==> flow/design.v <==
module cpu_sum_block #(
    parameter NBITS = 8
) (
    input wire clk_i,
    input wire [NBITS-1:0] i_x,
    input wire [NBITS-1:0] i_y,
    input wire i_cin,
    output wire [NBITS-1:0] o_sum,
    output wire o_co
);
    reg [NBITS-1:0] x_q;
    reg [NBITS-1:0] y_q;
    reg cin_q;
    always @(posedge clk_i) begin
        x_q <= i_x;
        y_q <= i_y;
        cin_q <= i_cin;
    end
    localparam NG = NBITS / 4;
    wire [NBITS-1:0] val;
    wire [NG:0] chain;
    assign chain[0] = cin_q;
    genvar gi;
    generate
        for (gi = 0; gi < NG; gi = gi + 1) begin : u_g
            la4 unit (.a(x_q[4*gi +: 4]), .b(y_q[4*gi +: 4]), .ci(chain[gi]), .s(val[4*gi +: 4]), .co(chain[gi+1]));
        end
    endgenerate
    assign o_sum = val;
    assign o_co = chain[NG];
endmodule
module la4 (
    input wire [3:0] a,
    input wire [3:0] b,
    input wire ci,
    output wire [3:0] s,
    output wire co
);
    wire [3:0] g = a & b;
    wire [3:0] p = a ^ b;
    wire c1 = g[0] | (p[0] & ci);
    wire c2 = g[1] | (p[1] & g[0]) | (p[1] & p[0] & ci);
    wire c3 = g[2] | (p[2] & g[1]) | (p[2] & p[1] & g[0]) | (p[2] & p[1] & p[0] & ci);
    assign co = g[3] | (p[3] & g[2]) | (p[3] & p[2] & g[1]) | (p[3] & p[2] & p[1] & g[0]) | (&p & ci);
    assign s = p ^ {c3, c2, c1, ci};
endmodule
Hand-over note for cpu_sum_block

== Tool chain data of cpu_sum_block ==
A sweep over "NBITS": the same steps for each member of the family.
The file above is the member NBITS 8. Line numbers count from 1 in each member's own file.
A cell with n/a has no value.

* Design top: cpu_sum_block
* Clock: clk_i
* Standard-cell library: sky130hd
* Corner: tt_025C_1v80

== Source of the members ==
New or changed lines of each further member against the RTL above, in its own file; lines it lacks are not shown.

{| class="wikitable"
|+ Lines new or changed
! NBITS !! RTL line !! source
|-
| 24 || 2 || <nowiki>parameter NBITS = 24</nowiki>
|-
| 28 || 2 || <nowiki>parameter NBITS = 28</nowiki>
|-
| 56 || 2 || <nowiki>parameter NBITS = 56</nowiki>
|-
| 80 || 2 || <nowiki>parameter NBITS = 80</nowiki>
|-
| 96 || 2 || <nowiki>parameter NBITS = 96</nowiki>
|-
| 128 || 2 || <nowiki>parameter NBITS = 128</nowiki>
|}

== Elaborated design ==
Source: Yosys, flattened and elaborated, memories not mapped. Widths are those after wreduce; folded enables and synchronous resets count as part of the registers. Registers that Yosys merges into a memory's read port (data or address) are not register bits. Print and check cells do not count. Equal cells are merged and count once.

{| class="wikitable"
|+ Operators by class
! NBITS !! $add $sub $neg !! $mul !! divide/modulo/power cells !! magnitude comparators !! equality and inequality tests !! shift-type cells !! multiplexer cells !! bitwise logic cells !! reduce/logical cells
|-
| 8 || 0 || 0 || 0 || 0 || 0 || 0 || 0 || 56 || 2
|-
| 24 || 0 || 0 || 0 || 0 || 0 || 0 || 0 || 168 || 6
|-
| 28 || 0 || 0 || 0 || 0 || 0 || 0 || 0 || 196 || 7
|-
| 56 || 0 || 0 || 0 || 0 || 0 || 0 || 0 || 392 || 14
|-
| 80 || 0 || 0 || 0 || 0 || 0 || 0 || 0 || 560 || 20
|-
| 96 || 0 || 0 || 0 || 0 || 0 || 0 || 0 || 672 || 24
|-
| 128 || 0 || 0 || 0 || 0 || 0 || 0 || 0 || 896 || 32
|}

{| class="wikitable"
|+ Operator list
! NBITS !! kind and count
|-
| 8 || 30 x bitwise AND 1 bit; 20 x bitwise OR 1 bit; 4 x XOR 4 bit; 2 x bitwise AND 4 bit; 2 x AND reduction 4 bit
|-
| 24 || 90 x bitwise AND 1 bit; 60 x bitwise OR 1 bit; 12 x XOR 4 bit; 6 x bitwise AND 4 bit; 6 x AND reduction 4 bit
|-
| 28 || 105 x bitwise AND 1 bit; 70 x bitwise OR 1 bit; 14 x XOR 4 bit; 7 x bitwise AND 4 bit; 7 x AND reduction 4 bit
|-
| 56 || 210 x bitwise AND 1 bit; 140 x bitwise OR 1 bit; 28 x XOR 4 bit; 14 x bitwise AND 4 bit; 14 x AND reduction 4 bit
|-
| 80 || 300 x bitwise AND 1 bit; 200 x bitwise OR 1 bit; 40 x XOR 4 bit; 20 x bitwise AND 4 bit; 20 x AND reduction 4 bit
|-
| 96 || 360 x bitwise AND 1 bit; 240 x bitwise OR 1 bit; 48 x XOR 4 bit; 24 x bitwise AND 4 bit; 24 x AND reduction 4 bit
|-
| 128 || 480 x bitwise AND 1 bit; 320 x bitwise OR 1 bit; 64 x XOR 4 bit; 32 x bitwise AND 4 bit; 32 x AND reduction 4 bit
|}

{| class="wikitable"
|+ Bit counts
! NBITS !! bits in registers !! latch bits !! memory bits (writable) !! ROM bits !! word width x clocked read ports !! memories kept !! bits of input ports !! output and inout port bits !! elaborated cells
|-
| 8 || 17 || 0 || 0 || 0 || 0 || 0 || 18 || 9 || 61
|-
| 24 || 49 || 0 || 0 || 0 || 0 || 0 || 50 || 25 || 177
|-
| 28 || 57 || 0 || 0 || 0 || 0 || 0 || 58 || 29 || 206
|-
| 56 || 113 || 0 || 0 || 0 || 0 || 0 || 114 || 57 || 409
|-
| 80 || 161 || 0 || 0 || 0 || 0 || 0 || 162 || 81 || 583
|-
| 96 || 193 || 0 || 0 || 0 || 0 || 0 || 194 || 97 || 699
|-
| 128 || 257 || 0 || 0 || 0 || 0 || 0 || 258 || 129 || 931
|}

== Longest topological paths ==
Longest topological path by Yosys (ltp), each cell counted once; first at word level (registers and memories cut), then after technology mapping (sequential cells cut; the memories' decode and read muxes count).

{| class="wikitable"
|+ Logic depth
! NBITS !! depth after elaboration !! ABC_AREA !! mapped depth !! mapped depth without buffers
|-
| 8 || 9 || 0 || 6 || 6
|-
| 24 || 17 || 0 || 9 || 9
|-
| 28 || 19 || 0 || 11 || 11
|-
| 56 || 33 || 0 || 13 || 12
|-
| 80 || 45 || 0 || 13 || 13
|-
| 96 || 53 || 0 || 13 || 13
|-
| 128 || 69 || 0 || 14 || 14
|}

== Mapped cells and area ==
Source: synth_stat.txt of the flow (Yosys; design flattened, memories mapped). It holds for the ABC_AREA given above (unset counts as 0); a run with the other value may have another netlist.

{| class="wikitable"
|+ Mapped netlist
! NBITS !! standard cells after synthesis !! synthesis area (µm²) !! flip-flop cells !! buffer cells
|-
| 8 || 53 || 661.9 || 17 || 0
|-
| 24 || 174 || 2,009.4 || 49 || 0
|-
| 28 || 199 || 2,304.7 || 57 || 0
|-
| 56 || 422 || 4,748.3 || 113 || 1
|-
| 80 || 606 || 6,792.8 || 161 || 0
|-
| 96 || 705 || 7,987.7 || 193 || 0
|-
| 128 || 990 || 10,966.8 || 257 || 2
|}

{| class="wikitable"
|+ Cell types
! NBITS !! types with counts
|-
| 8 || 17 x sky130_fd_sc_hd__dfxtp_1; 8 x sky130_fd_sc_hd__ha_1; 2 x sky130_fd_sc_hd__fa_1; 3 x sky130_fd_sc_hd__xor2_1; 5 x sky130_fd_sc_hd__inv_1; 2 x sky130_fd_sc_hd__xnor2_1; 1 x sky130_fd_sc_hd__o211ai_2; 2 x sky130_fd_sc_hd__or2_2; 1 x sky130_fd_sc_hd__o41a_1; 2 x sky130_fd_sc_hd__nand3_1; 1 x sky130_fd_sc_hd__a21o_2; 1 x sky130_fd_sc_hd__a21oi_2; 1 x sky130_fd_sc_hd__o31a_1; 1 x sky130_fd_sc_hd__o32ai_1; 1 x sky130_fd_sc_hd__a211oi_1; 1 x sky130_fd_sc_hd__a21o_1; 1 x sky130_fd_sc_hd__o21a_1; 1 x sky130_fd_sc_hd__o21bai_1; [+2]
|-
| 24 || 49 x sky130_fd_sc_hd__dfxtp_1; 24 x sky130_fd_sc_hd__ha_1; 6 x sky130_fd_sc_hd__fa_1; 10 x sky130_fd_sc_hd__xor2_1; 14 x sky130_fd_sc_hd__a21oi_1; 7 x sky130_fd_sc_hd__xnor2_1; 10 x sky130_fd_sc_hd__o21ai_0; 7 x sky130_fd_sc_hd__inv_1; 7 x sky130_fd_sc_hd__nor2_1; 3 x sky130_fd_sc_hd__a211oi_1; 6 x sky130_fd_sc_hd__nand2_1; 3 x sky130_fd_sc_hd__o21bai_1; 3 x sky130_fd_sc_hd__or3_1; 2 x sky130_fd_sc_hd__and4_1; 1 x sky130_fd_sc_hd__a311oi_2; 3 x sky130_fd_sc_hd__nor3_1; 1 x sky130_fd_sc_hd__a211oi_2; 1 x sky130_fd_sc_hd__o211ai_2; [+17]
|-
| 28 || 57 x sky130_fd_sc_hd__dfxtp_1; 28 x sky130_fd_sc_hd__ha_1; 7 x sky130_fd_sc_hd__fa_1; 12 x sky130_fd_sc_hd__xor2_1; 16 x sky130_fd_sc_hd__a21oi_1; 7 x sky130_fd_sc_hd__xnor2_1; 13 x sky130_fd_sc_hd__nand2_1; 9 x sky130_fd_sc_hd__inv_1; 7 x sky130_fd_sc_hd__nor2_1; 5 x sky130_fd_sc_hd__nand3_1; 3 x sky130_fd_sc_hd__o21a_1; 1 x sky130_fd_sc_hd__a31oi_4; 4 x sky130_fd_sc_hd__o21ai_0; 3 x sky130_fd_sc_hd__nand2b_1; 2 x sky130_fd_sc_hd__a21o_1; 2 x sky130_fd_sc_hd__o211ai_1; 2 x sky130_fd_sc_hd__o21bai_1; 1 x sky130_fd_sc_hd__a211oi_2; [+20]
|-
| 56 || 113 x sky130_fd_sc_hd__dfxtp_1; 56 x sky130_fd_sc_hd__ha_1; 14 x sky130_fd_sc_hd__fa_1; 24 x sky130_fd_sc_hd__a21o_1; 19 x sky130_fd_sc_hd__xor2_1; 17 x sky130_fd_sc_hd__xnor2_1; 28 x sky130_fd_sc_hd__a21oi_1; 19 x sky130_fd_sc_hd__nand2_1; 18 x sky130_fd_sc_hd__nor2_1; 15 x sky130_fd_sc_hd__inv_1; 11 x sky130_fd_sc_hd__o21ai_0; 7 x sky130_fd_sc_hd__nand4_1; 8 x sky130_fd_sc_hd__nor3_1; 6 x sky130_fd_sc_hd__nand2b_1; 5 x sky130_fd_sc_hd__a31oi_1; 4 x sky130_fd_sc_hd__a211oi_1; 4 x sky130_fd_sc_hd__o21bai_1; 3 x sky130_fd_sc_hd__a21oi_2; [+51]
|-
| 80 || 161 x sky130_fd_sc_hd__dfxtp_1; 80 x sky130_fd_sc_hd__ha_1; 20 x sky130_fd_sc_hd__fa_1; 30 x sky130_fd_sc_hd__xnor2_1; 49 x sky130_fd_sc_hd__a21oi_1; 25 x sky130_fd_sc_hd__xor2_1; 18 x sky130_fd_sc_hd__a21o_1; 35 x sky130_fd_sc_hd__nor2_1; 29 x sky130_fd_sc_hd__nand2_1; 16 x sky130_fd_sc_hd__nand4_1; 25 x sky130_fd_sc_hd__inv_1; 12 x sky130_fd_sc_hd__nor3_1; 12 x sky130_fd_sc_hd__o21ai_0; 11 x sky130_fd_sc_hd__o21ai_1; 7 x sky130_fd_sc_hd__o21bai_1; 6 x sky130_fd_sc_hd__a211oi_1; 3 x sky130_fd_sc_hd__a211oi_2; 5 x sky130_fd_sc_hd__o21a_1; [+62]
|-
| 96 || 193 x sky130_fd_sc_hd__dfxtp_1; 96 x sky130_fd_sc_hd__ha_1; 24 x sky130_fd_sc_hd__fa_1; 41 x sky130_fd_sc_hd__xor2_1; 62 x sky130_fd_sc_hd__a21oi_1; 29 x sky130_fd_sc_hd__xnor2_1; 21 x sky130_fd_sc_hd__a21o_1; 42 x sky130_fd_sc_hd__nand2_1; 27 x sky130_fd_sc_hd__o21ai_0; 31 x sky130_fd_sc_hd__nor2_1; 26 x sky130_fd_sc_hd__inv_1; 11 x sky130_fd_sc_hd__nand4_1; 9 x sky130_fd_sc_hd__o21bai_1; 9 x sky130_fd_sc_hd__nor3_1; 6 x sky130_fd_sc_hd__o211ai_1; 6 x sky130_fd_sc_hd__o21a_1; 7 x sky130_fd_sc_hd__nand3_1; 5 x sky130_fd_sc_hd__a31oi_1; [+60]
|-
| 128 || 257 x sky130_fd_sc_hd__dfxtp_1; 128 x sky130_fd_sc_hd__ha_1; 32 x sky130_fd_sc_hd__fa_1; 45 x sky130_fd_sc_hd__xnor2_1; 45 x sky130_fd_sc_hd__xor2_1; 76 x sky130_fd_sc_hd__a21oi_1; 29 x sky130_fd_sc_hd__a21o_1; 48 x sky130_fd_sc_hd__nor2_1; 44 x sky130_fd_sc_hd__nand2_1; 32 x sky130_fd_sc_hd__o21ai_0; 24 x sky130_fd_sc_hd__nand4_1; 39 x sky130_fd_sc_hd__inv_1; 16 x sky130_fd_sc_hd__o21bai_1; 13 x sky130_fd_sc_hd__nor2b_1; 15 x sky130_fd_sc_hd__nor3_1; 9 x sky130_fd_sc_hd__o21a_1; 13 x sky130_fd_sc_hd__nand3_1; 9 x sky130_fd_sc_hd__and2_1; [+116]
|}

A list marked [+n] leaves out that many cells.
By module: a second synthesis without flattening, with its own total; a netlist apart from the flattened one above.

{| class="wikitable"
|+ Unflattened totals
! NBITS !! cell total of the unflattened synthesis !! area total of the unflattened synthesis (µm²)
|-
| 8 || 51 || 635.6
|-
| 24 || 151 || 1,866.8
|-
| 28 || 176 || 2,174.6
|-
| 56 || 351 || 4,329.2
|-
| 80 || 501 || 6,175.9
|-
| 96 || 601 || 7,407.1
|-
| 128 || 801 || 9,869.5
|}

== Path before layout ==
OpenSTA on the mapped netlist: ideal clock, no wires. The path of least setup slack (recovery checks aside). Input and output delay are each 20% of the period. Register names are those of the netlist, which keeps one name where synthesis merged equal registers.

{| class="wikitable"
|+ Path post-synthesis
! NBITS !! path kind !! start !! end !! period (ns) !! setup slack (ns) !! driving pins on the path !! delay of the path (ns) !! synthesis period reached (ns)
|-
| 8 || register -> output || reg y_q[0] || out o_sum[5] || 2.77 || 0.440 || 7 || 1.776 || 2.33
|-
| 24 || register -> output || reg y_q[0] || out o_sum[13] || 3.57 || 0.571 || 10 || 2.285 || 2.999
|-
| 28 || register -> output || reg y_q[0] || out o_sum[25] || 4.07 || 0.654 || 11 || 2.602 || 3.416
|-
| 56 || register -> output || reg y_q[29] || out o_sum[53] || 4.2 || 0.669 || 13 || 2.691 || 3.531
|-
| 80 || register -> output || reg y_q[0] || out o_sum[65] || 4.26 || 0.679 || 13 || 2.729 || 3.581
|-
| 96 || register -> output || reg y_q[17] || out o_sum[76] || 4.73 || 0.758 || 13 || 3.026 || 3.972
|-
| 128 || register -> output || reg y_q[0] || out o_sum[125] || 5.43 || 0.867 || 14 || 3.477 || 4.563
|}

"delay of the path" = arrival - input delay + setup time.
At an output port there is no setup time.
"driving pins on the path": output pins that drive a net of the path, with the launching flip-flop's if there is one; two outputs of one cell count as two.
"synthesis period reached" = period - worst setup slack (recovery checks aside). The figure is calculated, with input and output delays left at 20% of the set period.
The rows between start and end are the longest chain of elaborated cells between them; the timing report does not say that the signal goes this way. Where chains are equally long, one stands for them.
Each line given opens the expression or statement behind the cell; cells for indexed reads and writes are added by Yosys, which also makes memories of some case tables.

On the way, post-synthesis, NBITS 8:
* Length of the longest elaborated chain: 7

{| class="wikitable"
|+ Ends and longest elaborated chain, post-synthesis, NBITS 8
! element !! RTL line !! source
|-
| start, declared || 12 || <nowiki>reg [NBITS-1:0] y_q;</nowiki>
|-
| start, assigned || 16 || <nowiki>y_q <= i_y;</nowiki>
|-
| bitwise AND 4 bit || 39 || <nowiki>wire [3:0] g = a & b;</nowiki>
|-
| bitwise AND 1 bit || 44 || <nowiki>assign co = g[3] | (p[3] & g[2]) | (p[3] & p[2] & g[1]) | (p[3] & p[2] & p[1] & g[0]) | (&p & ci);</nowiki>
|-
| bitwise OR 1 bit (2 in a row) || 44 ||
|-
| bitwise AND 1 bit || 41 || <nowiki>wire c1 = g[0] | (p[0] & ci);</nowiki>
|-
| bitwise OR 1 bit || 41 ||
|-
| XOR 4 bit || 45 || <nowiki>assign s = p ^ {c3, c2, c1, ci};</nowiki>
|-
| end, declared || 8 || <nowiki>output wire [NBITS-1:0] o_sum,</nowiki>
|}

On the way, post-synthesis, NBITS 128:
* Length of the longest elaborated chain: 67

{| class="wikitable"
|+ Ends and longest elaborated chain, post-synthesis, NBITS 128
! element !! RTL line !! source
|-
| start, declared || 12 || <nowiki>reg [NBITS-1:0] y_q;</nowiki>
|-
| start, assigned || 16 || <nowiki>y_q <= i_y;</nowiki>
|-
| bitwise AND 4 bit || 39 || <nowiki>wire [3:0] g = a & b;</nowiki>
|-
| bitwise AND 1 bit || 44 || <nowiki>assign co = g[3] | (p[3] & g[2]) | (p[3] & p[2] & g[1]) | (p[3] & p[2] & p[1] & g[0]) | (&p & ci);</nowiki>
|-
| bitwise OR 1 bit (2 in a row) || 44 ||
|-
| bitwise AND 1 bit || 44 ||
|-
| bitwise OR 1 bit || 44 ||
|-
| bitwise AND 1 bit || 44 ||
|-
| bitwise OR 1 bit || 44 ||
|-
| [52 not listed] || n/a ||
|-
| bitwise AND 1 bit || 44 ||
|-
| bitwise OR 1 bit || 44 ||
|-
| bitwise AND 1 bit || 44 ||
|-
| bitwise OR 1 bit || 44 ||
|-
| bitwise AND 1 bit || 41 || <nowiki>wire c1 = g[0] | (p[0] & ci);</nowiki>
|-
| bitwise OR 1 bit || 41 ||
|-
| XOR 4 bit || 45 || <nowiki>assign s = p ^ {c3, c2, c1, ci};</nowiki>
|-
| end, declared || 8 || <nowiki>output wire [NBITS-1:0] o_sum,</nowiki>
|}

== Timing after layout ==
From the final timing report of the run of each member: the path of least setup slack in the routed layout; clock arrival at registers is part of the times.

{| class="wikitable"
|+ Path after layout
! NBITS !! path kind !! start !! end !! period (ns) !! setup slack (ns) !! driving pins on the path !! data arrival time (ns)
|-
| 8 || register -> output || reg y_q[0] || out o_sum[4] || 2.77 || 0.10 || 7 || 2.12
|-
| 24 || register -> output || reg y_q[16] || out o_sum[23] || 3.57 || 0.15 || 10 || 2.71
|-
| 28 || register -> output || reg y_q[0] || out o_sum[12] || 4.07 || 0.11 || 12 || 3.14
|-
| 56 || register -> output || reg x_q[37] || out o_co || 4.2 || 0.10 || 10 || 3.26
|-
| 80 || register -> output || reg x_q[0] || out o_sum[79] || 4.26 || 0.05 || 15 || 3.36
|-
| 96 || register -> output || reg x_q[11] || out o_sum[69] || 4.73 || 0.13 || 16 || 3.66
|-
| 128 || register -> output || reg y_q[21] || out o_sum[108] || 5.43 || 0.03 || 14 || 4.32
|}

== Flow runs ==
One run of the flow (Yosys, OpenROAD) for each member, with settings and measured results. Input and output delays are each 20% of the period that was set; the output load is 0.01 pF.

* CAP_MARGIN: 20
* CORE_MARGIN: 2
* CORE_UTILIZATION: 40
* SLEW_MARGIN: 20

{| class="wikitable"
|+ Settings that differ
! NBITS !! period_ns
|-
| 8 || 2.77
|-
| 24 || 3.57
|-
| 28 || 4.07
|-
| 56 || 4.2
|-
| 80 || 4.26
|-
| 96 || 4.73
|-
| 128 || 5.43
|}

{| class="wikitable"
|+ Results
! NBITS !! area of the synthesized netlist (µm²) !! die area (µm²) !! standard-cell area after layout (µm²) !! utilization in the final report (%) !! smallest setup slack (ns) !! summed negative setup slack (ns) !! lowest hold slack (ns) !! overall power (µW) !! clock period achieved (ns)
|-
| 8 || 661.9 || 1,996.3 || 991.0 || 65.0 || 0.100 || 0.000 || 0.689 || 544.7 || 2.670
|-
| 24 || 2,009.4 || 5,606.3 || 3,055.4 || 63.8 || 0.147 || 0.000 || 0.858 || 1,289 || 3.423
|-
| 28 || 2,304.7 || 6,384.8 || 3,488.3 || 63.0 || 0.115 || 0.000 || 0.930 || 1,430 || 3.955
|-
| 56 || 4,748.3 || 12,758.8 || 7,517.2 || 65.3 || 0.102 || 0.000 || 0.865 || 3,275 || 4.098
|-
| 80 || 6,792.8 || 18,040.5 || 10,841.6 || 65.4 || 0.051 || 0.000 || 0.861 || 4,275 || 4.209
|-
| 96 || 7,987.7 || 21,115.0 || 12,530.8 || 64.2 || 0.128 || 0.000 || 0.957 || 4,481 || 4.602
|-
| 128 || 10,966.8 || 28,757.4 || 16,796.1 || 62.3 || 0.025 || 0.000 || 0.970 || 5,600 || 5.405
|}

"clock period achieved" = clock period - worst setup slack. The figure is calculated, with input and output delays left at 20% of the set period.
"overall power": no workload was simulated; the value follows from the tool's default switching activity.

End of note.
